==> flow/design.v <==
module my_ram_block #(
   parameter integer D = 48,
   parameter integer NBITS = 32,
   parameter integer NR = 1,
   parameter integer WPORTS = 2,
   parameter integer ABITS = $clog2(D)
) (
   input logic clk_i,
   input logic [WPORTS-1:0] wen,
   input logic [WPORTS*ABITS-1:0] wr_idx,
   input logic [WPORTS*NBITS-1:0] wdata,
   input logic [NR*ABITS-1:0] rd_addr,
   output logic [NR*NBITS-1:0] rd
);
   logic [NBITS-1:0] gpr [D-1:0];
   always_ff @(posedge clk_i) begin
      for (int i = 0; i < WPORTS; i++)
         if (wen[i]) gpr[wr_idx[i*ABITS +: ABITS]] <= wdata[i*NBITS +: NBITS];
   end
   logic [NR*NBITS-1:0] cur;
   for (genvar jj = 0; jj < NR; jj++) begin : row
      assign cur[jj*NBITS +: NBITS] = gpr[rd_addr[jj*ABITS +: ABITS]];
   end
   assign rd = cur;
endmodule
* Tool chain data of my_ram_block
Tool output for the design above, in the order of the flow.
Lines are those of the file above, counted from 1.
Operators carry their Yosys type and port widths (W data, S select, Z words).
Library cell names are shortened.
The mark -- stands for no value.
- Top :: my_ram_block
- Clock input :: clk_i
- Standard-cell library :: sky130hd
- Library corner :: tt_025C_1v80

* Word-level counts
Yosys after proc, flatten, opt, wreduce and memory -nomap, before mapping. Enables and synchronous resets that opt folds into registers are not counted as muxes. Memory bits, and registers merged into a memory's read port (data or address), are not among the register bits. Print and check cells are not counted. Equal cells are merged and count once.
Yosys's memory passes give these memory sizes; they may raise the number of words (mostly to a power of two), join words into wider ones and drop unused or constant bits.
- Register bits after elaboration :: 0
- Memory bits (writable) :: 1536
- Memories :: 1
- Bits of input ports :: 85
- Cells after elaboration :: 7
** Memory list
- gpr :: words 48, bits a word 32, read ports 1, write ports 2, RTL line 15 : logic [NBITS-1:0] gpr [D-1:0];
- Muxes and demuxes :: 6
** Operator list (number)
- $mux W32 :: 2
- $mux W6 :: 2
- $mux W1 :: 2

* Longest topological paths
Depth = most cells in a row (Yosys ltp): at word level without a register or memory, in the mapped netlist without a sequential cell, where the memories' decode and read muxes count.
- Word-level depth :: 1
- ABC_AREA :: 0
- Mapped depth :: 9
- Depth with buffers taken out :: 5

* Mapped cells and area
Yosys stat after the flow's synthesis: flattened, memories mapped to cells. It holds for the ABC_AREA given above (unset counts as 0); a run with the other value may have another netlist.
** Cell types
- edfxtp_1 :: number 1536, total area 4.61E+04 sq um
- mux2_2 :: number 1486, total area 1.67E+04 sq um
- mux2i_1 :: number 512, total area 5.12E+03 sq um
- mux4_2 :: number 160, total area 3.6E+03 sq um
- clkbuf_1 :: number 433, total area 1.63E+03 sq um
- a22oi_1 :: number 128, total area 960.922 sq um
- buf_2 :: number 124, total area 620.595 sq um
- mux2_1 :: number 50, total area 563.04 sq um
- a221oi_1 :: number 64, total area 560.538 sq um
- a22o_1 :: number 64, total area 560.538 sq um
- o22ai_1 :: number 56, total area 350.336 sq um
- buf_4 :: number 45, total area 337.824 sq um
- a21oi_1 :: number 64, total area 320.307 sq um
- o41ai_1 :: number 32, total area 280.269 sq um
- nand2_1 :: number 66, total area 247.738 sq um
- buf_1 :: number 45, total area 168.912 sq um
- o21ai_0 :: number 24, total area 120.115 sq um
- nor2_1 :: number 30, total area 112.608 sq um
Other cell types: 18; their cells: 48.
- Standard cells after synthesis :: 4967
- Cell area after synthesis :: 0.0787781 sq mm
- Sequential part of the area :: 0.0461242 sq mm
- Mapped flip-flops :: 1536
- Buffer cells :: 652

* Worst setup path after synthesis
OpenSTA on the mapped netlist: ideal clock, no wires. The path of least setup slack (recovery checks aside). Input and output delay are each 20% of the period. Register names are those of the netlist, which keeps one name where synthesis merged equal registers.
- Kind :: input to register
- From :: input port wr_idx[5]
- To :: memory gpr[20][0]
- Clock period :: 5.31 ns
- External input delay :: 1.062 ns
- Launch time at the first pin :: 1.062 ns
- Arrival :: 3.995 ns
- Data required time :: 4.844 ns
- Slack :: 0.849 ns
- Delay of the path :: 3.399 ns
- Stages :: 3
- Path buffers :: 1
- Synthesis period reached :: 4.461 ns
"delay of the path" is the arrival time less input delay plus setup time.
"stages" counts driving pins, that of a launching flip-flop among them; a cell with two outputs on the path counts twice.
"synthesis period reached" = period - worst setup slack (recovery checks aside). The figure is calculated, with input and output delays left at 20% of the set period.
The rows between start and end are the longest chain of elaborated cells between them; the timing report does not say that the signal goes this way. Where chains are equally long, one stands for them.
Each line given opens the expression or statement behind the cell; cells for indexed reads and writes are added by Yosys, which also makes memories of some case tables.
- Path through :: or3b_2 > clkbuf_1 > o21ai_0
- Length of the longest elaborated chain :: 1
** Ends and longest elaborated chain, after synthesis
- start, declared :: RTL line 10 : input logic [WPORTS*ABITS-1:0] wr_idx,
- $mux W6 :: RTL line 18 : if (wen[i]) gpr[wr_idx[i*ABITS +: ABITS]] <= wdata[i*NBITS +: NBITS];
- end, declared :: RTL line 15 : logic [NBITS-1:0] gpr [D-1:0];

* Path in the finished layout
From the final timing report of flow run B: the path of least setup slack in the routed layout; clock arrival at registers is part of the times.
- Kind :: input to output
- From :: input port rd_addr[4]
- To :: output port rd[15]
- Clock period :: 5.31 ns
- External input delay :: 1.06 ns
- Launch time at the first pin :: 1.06 ns
- Arrival :: 4.13 ns
- Data required time :: 4.25 ns
- Slack :: 0.12 ns
- Stages :: 7
- Path buffers :: 4
The rows between start and end are the longest chain of elaborated cells between them; the timing report does not say that the signal goes this way. Where chains are equally long, one stands for them.
A memory read counts as a cell of the chain, while the word-level depth stops at memories.
- Path through :: clkdlybuf4s50_1 > nand2b_2 > buf_4 > o22ai_1 > o41ai_1 > buf_4 > clkdlybuf4s50_1
- Length of the longest elaborated chain :: 1
** Ends and longest elaborated chain, post-layout
- start, declared :: RTL line 12 : input logic [NR*ABITS-1:0] rd_addr,
- $mem_v2 Z48 W32 :: RTL line 15 : logic [NBITS-1:0] gpr [D-1:0];
- end, declared :: RTL line 13 : output logic [NR*NBITS-1:0] rd

Ticket comment

Design my_ram_block on sky130hd. What follows are 3 stored runs of the flow, each under its own settings; their order means nothing. The constraints put input and output delay at 20% of the set period each and load the outputs with 0.01 pF.
"achieved clock period" = clock period - worst setup slack. The figure is calculated, with input and output delays left at 20% of the set period.
"worst path time" = time allowed to the worst setup path (clock period - input delay - output delay, where it has them) - its slack; a late launch clock adds to it, a late capture clock takes from it.
By "total power after layout" is meant OpenSTA's value without simulated activity: inputs other than the clock are taken to toggle once in ten clock periods, and the tool carries that through the logic.

* Flow run A
** Files
==> flow/run.sh <==
#!/bin/bash
# the make line also repeats the synthesis and layout settings of config.mk as NAME=value (left out here)
make -C /OpenROAD-flow-scripts/flow DESIGN_CONFIG=/design/flow/config.mk WORK_HOME=/design/flow/orfs CLKGATE_MAP_FILE= finish
==> flow/config.mk <==
export PLATFORM = sky130hd
export DESIGN_NAME = my_ram_block
export DESIGN_NICKNAME = my_ram_block
export VERILOG_FILES = /design/flow/design.v
export SDC_FILE = /design/flow/constraint.sdc
export NUM_CORES = 4
export LEC_CHECK = 0
export ABC_AREA = 1
export CAP_MARGIN = 20
export CELL_PAD_IN_SITES_DETAIL_PLACEMENT = 2
export CORE_MARGIN = 2
export CORE_UTILIZATION = 39
export CTS_CLUSTER_SIZE = 30
export GPL_TIMING_DRIVEN = 0
export MAX_ROUTING_LAYER = met4
export MIN_ROUTING_LAYER = met1
export PLACE_DENSITY_LB_ADDON = 0.26
export SLEW_MARGIN = 20
export TNS_END_PERCENT = 85
==> flow/constraint.sdc <==
create_clock -name core_clock -period 4.75 [get_ports {clk_i}]
set_input_delay 0.9500 -clock core_clock [delete_from_list [all_inputs] [get_ports {clk_i}]]
set_output_delay 0.9500 -clock core_clock [all_outputs]
set_load 0.01 [all_outputs]
** Results
No final report: routing broke off with ODB-0269.

* Flow run B
** Files
==> flow/run.sh <==
#!/bin/bash
# the make line also repeats the synthesis and layout settings of config.mk as NAME=value (left out here)
make -C /OpenROAD-flow-scripts/flow DESIGN_CONFIG=/design/flow/config.mk WORK_HOME=/design/flow/orfs CLKGATE_MAP_FILE= finish
==> flow/config.mk <==
export PLATFORM = sky130hd
export DESIGN_NAME = my_ram_block
export DESIGN_NICKNAME = my_ram_block
export VERILOG_FILES = /design/flow/design.v
export SDC_FILE = /design/flow/constraint.sdc
export NUM_CORES = 4
export LEC_CHECK = 0
export CAP_MARGIN = 20
export CORE_MARGIN = 2
export CORE_UTILIZATION = 40
export SLEW_MARGIN = 20
==> flow/constraint.sdc <==
create_clock -name core_clock -period 5.31 [get_ports {clk_i}]
set_input_delay 1.0620 -clock core_clock [delete_from_list [all_inputs] [get_ports {clk_i}]]
set_output_delay 1.0620 -clock core_clock [all_outputs]
set_load 0.01 [all_outputs]
** Results
- Synthesized cell area :: 0.0787781 sq mm
- Total die area :: 0.200511 sq mm
- Standard-cell area of the final layout :: 0.089915 sq mm
- Utilization after layout :: 0.46
- Worst setup slack after layout :: 0.121 ns
- Setup total negative slack :: 0.000 ns
- Worst-case hold slack :: 1.219 ns
- Total power after layout :: 27330 uW
- Achieved clock period :: 5.189 ns
- Worst path time :: 3.06 ns
- Type of the worst setup path :: input to output

* Flow run C
** Files
==> flow/run.sh <==
#!/bin/bash
# the make line also repeats the synthesis and layout settings of config.mk as NAME=value (left out here)
make -C /OpenROAD-flow-scripts/flow DESIGN_CONFIG=/design/flow/config.mk WORK_HOME=/design/flow/orfs CLKGATE_MAP_FILE= finish
==> flow/config.mk <==
export PLATFORM = sky130hd
export DESIGN_NAME = my_ram_block
export DESIGN_NICKNAME = my_ram_block
export VERILOG_FILES = /design/flow/design.v
export SDC_FILE = /design/flow/constraint.sdc
export NUM_CORES = 4
export LEC_CHECK = 0
export ABC_AREA = 0
export CAP_MARGIN = 20
export CELL_PAD_IN_SITES_GLOBAL_PLACEMENT = 1
export CORE_MARGIN = 9
export CORE_UTILIZATION = 27
export PLACE_DENSITY_LB_ADDON = 0.13
export SETUP_SLACK_MARGIN = 0.67
export SLEW_MARGIN = 20
==> flow/constraint.sdc <==
create_clock -name core_clock -period 3.32 [get_ports {clk_i}]
set_input_delay 0.6640 -clock core_clock [delete_from_list [all_inputs] [get_ports {clk_i}]]
set_output_delay 0.6640 -clock core_clock [all_outputs]
set_load 0.01 [all_outputs]
** Results
- Synthesized cell area :: 0.0787781 sq mm
- Total die area :: 0.311537 sq mm
- Standard-cell area of the final layout :: 0.0979539 sq mm
- Utilization after layout :: 0.339
- Worst setup slack after layout :: -0.212 ns
- Setup total negative slack :: -3.816 ns
- Worst-case hold slack :: 0.547 ns
- Total power after layout :: 46491 uW
- Achieved clock period :: 3.532 ns
- Worst path time :: 2.20 ns
- Type of the worst setup path :: input to output
